==> flow/design.v <==
module dp_add_unit_rtl #(
  parameter DATA_W = 64,
  parameter SLICE = 8
) (
  input  logic aclk,
  input  logic aresetn,
  input  logic enable,
  input  logic [DATA_W-1:0] rs1,
  input  logic [DATA_W-1:0] rs2,
  input  logic cin,
  output logic [DATA_W-1:0] q,
  output logic carry_out
);
  logic [DATA_W-1:0] rs1_s;
  logic [DATA_W-1:0] rs2_s;
  logic cin_s;
  always_ff @(posedge aclk) begin
    if (!aresetn) begin
      rs1_s <= 0;
      rs2_s <= 0;
      cin_s <= 1'b0;
    end else if (enable) begin
      rs1_s <= rs1;
      rs2_s <= rs2;
      cin_s <= cin;
    end
  end
  localparam GROUPS = DATA_W / SLICE;
  logic [DATA_W-1:0] t;
  logic [GROUPS:0] cy;
  assign cy[0] = cin_s;
  generate
    for (genvar k = 0; k < GROUPS; k++) begin : g_bit
      wire [SLICE:0] s0 = rs1_s[k*SLICE +: SLICE] + rs2_s[k*SLICE +: SLICE];
      wire [SLICE:0] s1 = rs1_s[k*SLICE +: SLICE] + rs2_s[k*SLICE +: SLICE] + 1'b1;
      assign {cy[k+1], t[k*SLICE +: SLICE]} = cy[k] ? s1 : s0;
    end
  endgenerate
  always_ff @(posedge aclk) begin
    if (!aresetn) begin
      q <= 0;
      carry_out <= 1'b0;
    end else if (enable) begin
      q <= t;
      carry_out <= cy[GROUPS];
    end
  end
endmodule
Reports on dp_add_unit_rtl
The steps from the RTL of dp_add_unit_rtl to its reports follow in flow order.
Line numbers count from 1 in the design file above.
Operators: Yosys type, input widths -> output width; for muxes data width and select width s.
Cell names lack the library's common part.
A cell with -- has no value.
- top: dp_add_unit_rtl
- clock port: aclk
- library: sky130hd
- corner: tt_025C_1v80

Word-level counts
Counts by Yosys on the flattened word-level netlist (proc, flatten, opt, wreduce; memories kept). Register bits leave out memories and registers merged into their read ports (data or address); mux counts leave out enables and synchronous resets folded into registers. Print and check cells are left out. Cells with the same type and inputs are merged into one.
- noted muxes and demuxes: 8
- add/sub/neg operators: 16
- operators by type and width (cell ; count):
    $add 8x8->9 ; 8
    $add 9x1->9 const B ; 8
    $mux 9 ; 8
- output and inout port bits at 65
- register bits after elaboration at 194
- word-level cells: 29

Logic depth
Yosys ltp: most cells in a row. Word level: on the elaborated netlist, between registers, memories and ports. Mapped: between sequential cells and ports; inverters and the memories' decode and read muxes count.
- noted depth in word-level cells: 10
- noted ABC_AREA: 0
- mapped depth at 17
- depth with buffers taken out at 17

After synthesis
The flow's flattened synthesis, as Yosys stat reports it; memories are mapped. The netlist is that of the ABC_AREA named above (0 if unset); the other value can give another one.
Totals and module areas in this step are rounded.
- cells by type (cell ; count ; total area (um^2)):
    dfxtp_1 ; 194 ; 3.88E+03
    mux2i_1 ; 143 ; 1.43E+03
    ha_1 ; 72 ; 900.864
    nor2_1 ; 214 ; 803.27
    xnor2_1 ; 62 ; 543.021
    xor2_1 ; 34 ; 297.786
    a211oi_1 ; 39 ; 292.781
    a21oi_1 ; 52 ; 260.25
    o21ai_0 ; 38 ; 190.182
    fa_1 ; 8 ; 160.154
    clkbuf_1 ; 39 ; 146.39
    nand3_1 ; 26 ; 130.125
    a21o_1 ; 16 ; 120.115
    o21bai_1 ; 14 ; 105.101
    nand2_1 ; 27 ; 101.347
    inv_1 ; 26 ; 97.594
    nand4_1 ; 10 ; 62.56
    and3_1 ; 9 ; 56.304
Not listed: further types 41, cells in them 109.
- sequential area: 3880 um^2
- standard cells after synthesis: 1132
- flip-flops at 194
- noted chip area (Yosys): 10400 um^2

Timing after synthesis
Source: OpenSTA report_checks on the synthesized netlist (no wires, ideal clock, input and output delay 20% of the period each), path of least setup slack; recovery checks are left aside. Register names are those of the netlist, which keeps one name where synthesis merged equal registers.
- path kind: flip-flop to flip-flop
- from: reg rs1_s[0]
- to: reg q[57]
- noted period: 5.31 ns
- required time at 5.178 ns
- slack: 1.064 ns
- data arrival time at 4.113 ns
- path buffers at 0
- driving pins on the path: 17
- setup time at 0.132 ns
- delay of the path: 4.245 ns
- synthesis period reached: 4.246 ns
"delay of the path" = arrival - input delay + setup time.
"driving pins on the path": output pins that drive a net of the path, with the launching flip-flop's if there is one; two outputs of one cell count as two.
"synthesis period reached" = period - worst setup slack (recovery checks aside). The figure is calculated, with input and output delays left at 20% of the set period.
Between the ends stands the longest chain of elaborated cells between them, by number of cells; it is not shown to be the way that was timed. Of several equally long chains one is given.
A line is the first line of the expression or statement that the cell stems from. Yosys adds cells for indexed reads and writes and turns some case tables into memories.
- cell sequence: dfxtp_1 ha_1 fa_1 a21o_1 a221oi_2 o21ai_1 or4_1 nor3_2 o21ai_1 xor2_2 a22oi_4 mux2i_4 nand4_4 mux2_4 xor2_4 mux2i_1 a21oi_1
- noted length of the longest elaborated chain: 10
- ends and longest elaborated chain, after synthesis (item ; RTL line ; RTL):
    from (decl) ; 14 ; logic [DATA_W-1:0] rs1_s;
    from (assign) ; 19 ; rs1_s <= 0;
    from (assign) ; 23 ; rs1_s <= rs1;
    $add 8x8->9 ; 35 ; wire [SLICE:0] s1 = rs1_s[k*SLICE +: SLICE] + rs2_s[k*SLICE +: SLICE] + 1'b1;
    $add 9x1->9 ; 35 ;
    $mux 9 x8 ; 36 ; assign {cy[k+1], t[k*SLICE +: SLICE]} = cy[k] ? s1 : s0;
    to (assign) ; 41 ; q <= 0;
    to (assign) ; 44 ; q <= t;
    to (decl) ; 11 ; output logic [DATA_W-1:0] q,

Timing after layout
Path of least setup slack in the final report of record 2 (OpenROAD, finished layout, wires in). Where an end is a register, its clock arrival counts in the times.
- path kind: flip-flop to flip-flop
- from: reg rs1_s[0]
- to: reg q[57]
- path buffers at 0
- noted period: 6.17 ns
- setup time at 0.15 ns
- data arrival time at 4.97 ns
- driving pins on the path: 17
- slack: 1.47 ns
- required time at 6.45 ns
Between the ends stands the longest chain of elaborated cells between them, by number of cells; it is not shown to be the way that was timed. Of several equally long chains one is given.
- cell sequence: dfxtp_1 ha_1 fa_1 a21o_1 a221oi_2 o21ai_1 or4_1 nor3_2 o21ai_1 xor2_2 a22oi_4 mux2i_4 nand4_4 mux2_4 xor2_4 mux2i_1 a21oi_1
- noted length of the longest elaborated chain: 10
- ends and longest elaborated chain, post-layout (item ; RTL line ; RTL):
    from (decl) ; 14 ; logic [DATA_W-1:0] rs1_s;
    from (assign) ; 19 ; rs1_s <= 0;
    from (assign) ; 23 ; rs1_s <= rs1;
    $add 8x8->9 ; 35 ; wire [SLICE:0] s1 = rs1_s[k*SLICE +: SLICE] + rs2_s[k*SLICE +: SLICE] + 1'b1;
    $add 9x1->9 ; 35 ;
    $mux 9 x8 ; 36 ; assign {cy[k+1], t[k*SLICE +: SLICE]} = cy[k] ? s1 : s0;
    to (assign) ; 41 ; q <= 0;
    to (assign) ; 44 ; q <= t;
    to (decl) ; 11 ; output logic [DATA_W-1:0] q,

Design dp_add_unit_rtl on sky130hd. What follows are 3 stored runs of the flow, each under its own settings; their order means nothing. The constraints put input and output delay at 20% of the set period each and load the outputs with 0.01 pF.
"reached clock period" = clock period - worst setup slack. The figure is calculated, with input and output delays left at 20% of the set period.
By "allowed time less slack (worst setup path)" is meant the share of the clock period that the worst setup path is allowed (20% is reserved at inputs, 20% at outputs), minus its slack. Clock arrival times at its registers enter into it.
"total power after layout" rests on the timing tool's default activity at the inputs, not on a simulated workload.
Results are given in rounded form.

Record 1
Settings were period_ns = 2.66; CORE_UTILIZATION = 41; SETUP_SLACK_MARGIN = 0.21; PLACE_DENSITY_LB_ADDON = 0.28; CORE_ASPECT_RATIO = 0.64; CORE_MARGIN = 10; CELL_PAD_IN_SITES_GLOBAL_PLACEMENT = 2; CELL_PAD_IN_SITES_DETAIL_PLACEMENT = 2; TNS_END_PERCENT = 15; CTS_CLUSTER_SIZE = 55; CAP_MARGIN = 10; SLEW_MARGIN = 20
- did not finish, placement stopped with DPL-0033

Record 2
Settings were period_ns = 6.17; CORE_UTILIZATION = 56; PLACE_DENSITY_LB_ADDON = 0.1; CORE_ASPECT_RATIO = 0.76; CELL_PAD_IN_SITES_GLOBAL_PLACEMENT = 0; GPL_ROUTABILITY_DRIVEN = 0; CTS_CLUSTER_SIZE = 98; MAX_ROUTING_LAYER = met4; CAP_MARGIN = 20; CORE_MARGIN = 2; SLEW_MARGIN = 20
- noted the total power after layout: 3.22 mW
- noted the total negative slack on setup checks: 0.000 ns
- setup slack of the critical path at 1.47 ns
- noted the Yosys chip area after synthesis: 10400 um^2
- noted the die size: 19800 um^2
- noted the standard-cell area after routing: 13200 um^2
- post-route utilization: 0.724
- allowed time less slack (worst setup path) at 4.70 ns
- class of the worst setup path: flip-flop to flip-flop
- reached clock period: 4.695 ns

Record 3
Settings were period_ns = 5.31; CAP_MARGIN = 20; CORE_MARGIN = 2; CORE_UTILIZATION = 40; SLEW_MARGIN = 20
- noted the total negative slack on setup checks: 0.000 ns
- noted the die size: 27400 um^2
- setup slack of the critical path at 0.570 ns
- noted the Yosys chip area after synthesis: 10400 um^2
- noted the total power after layout: 3.67 mW
- reached clock period: 4.740 ns
- allowed time less slack (worst setup path) at 4.74 ns
- class of the worst setup path: flip-flop to flip-flop
- post-route utilization: 0.515
- noted the standard-cell area after routing: 13300 um^2
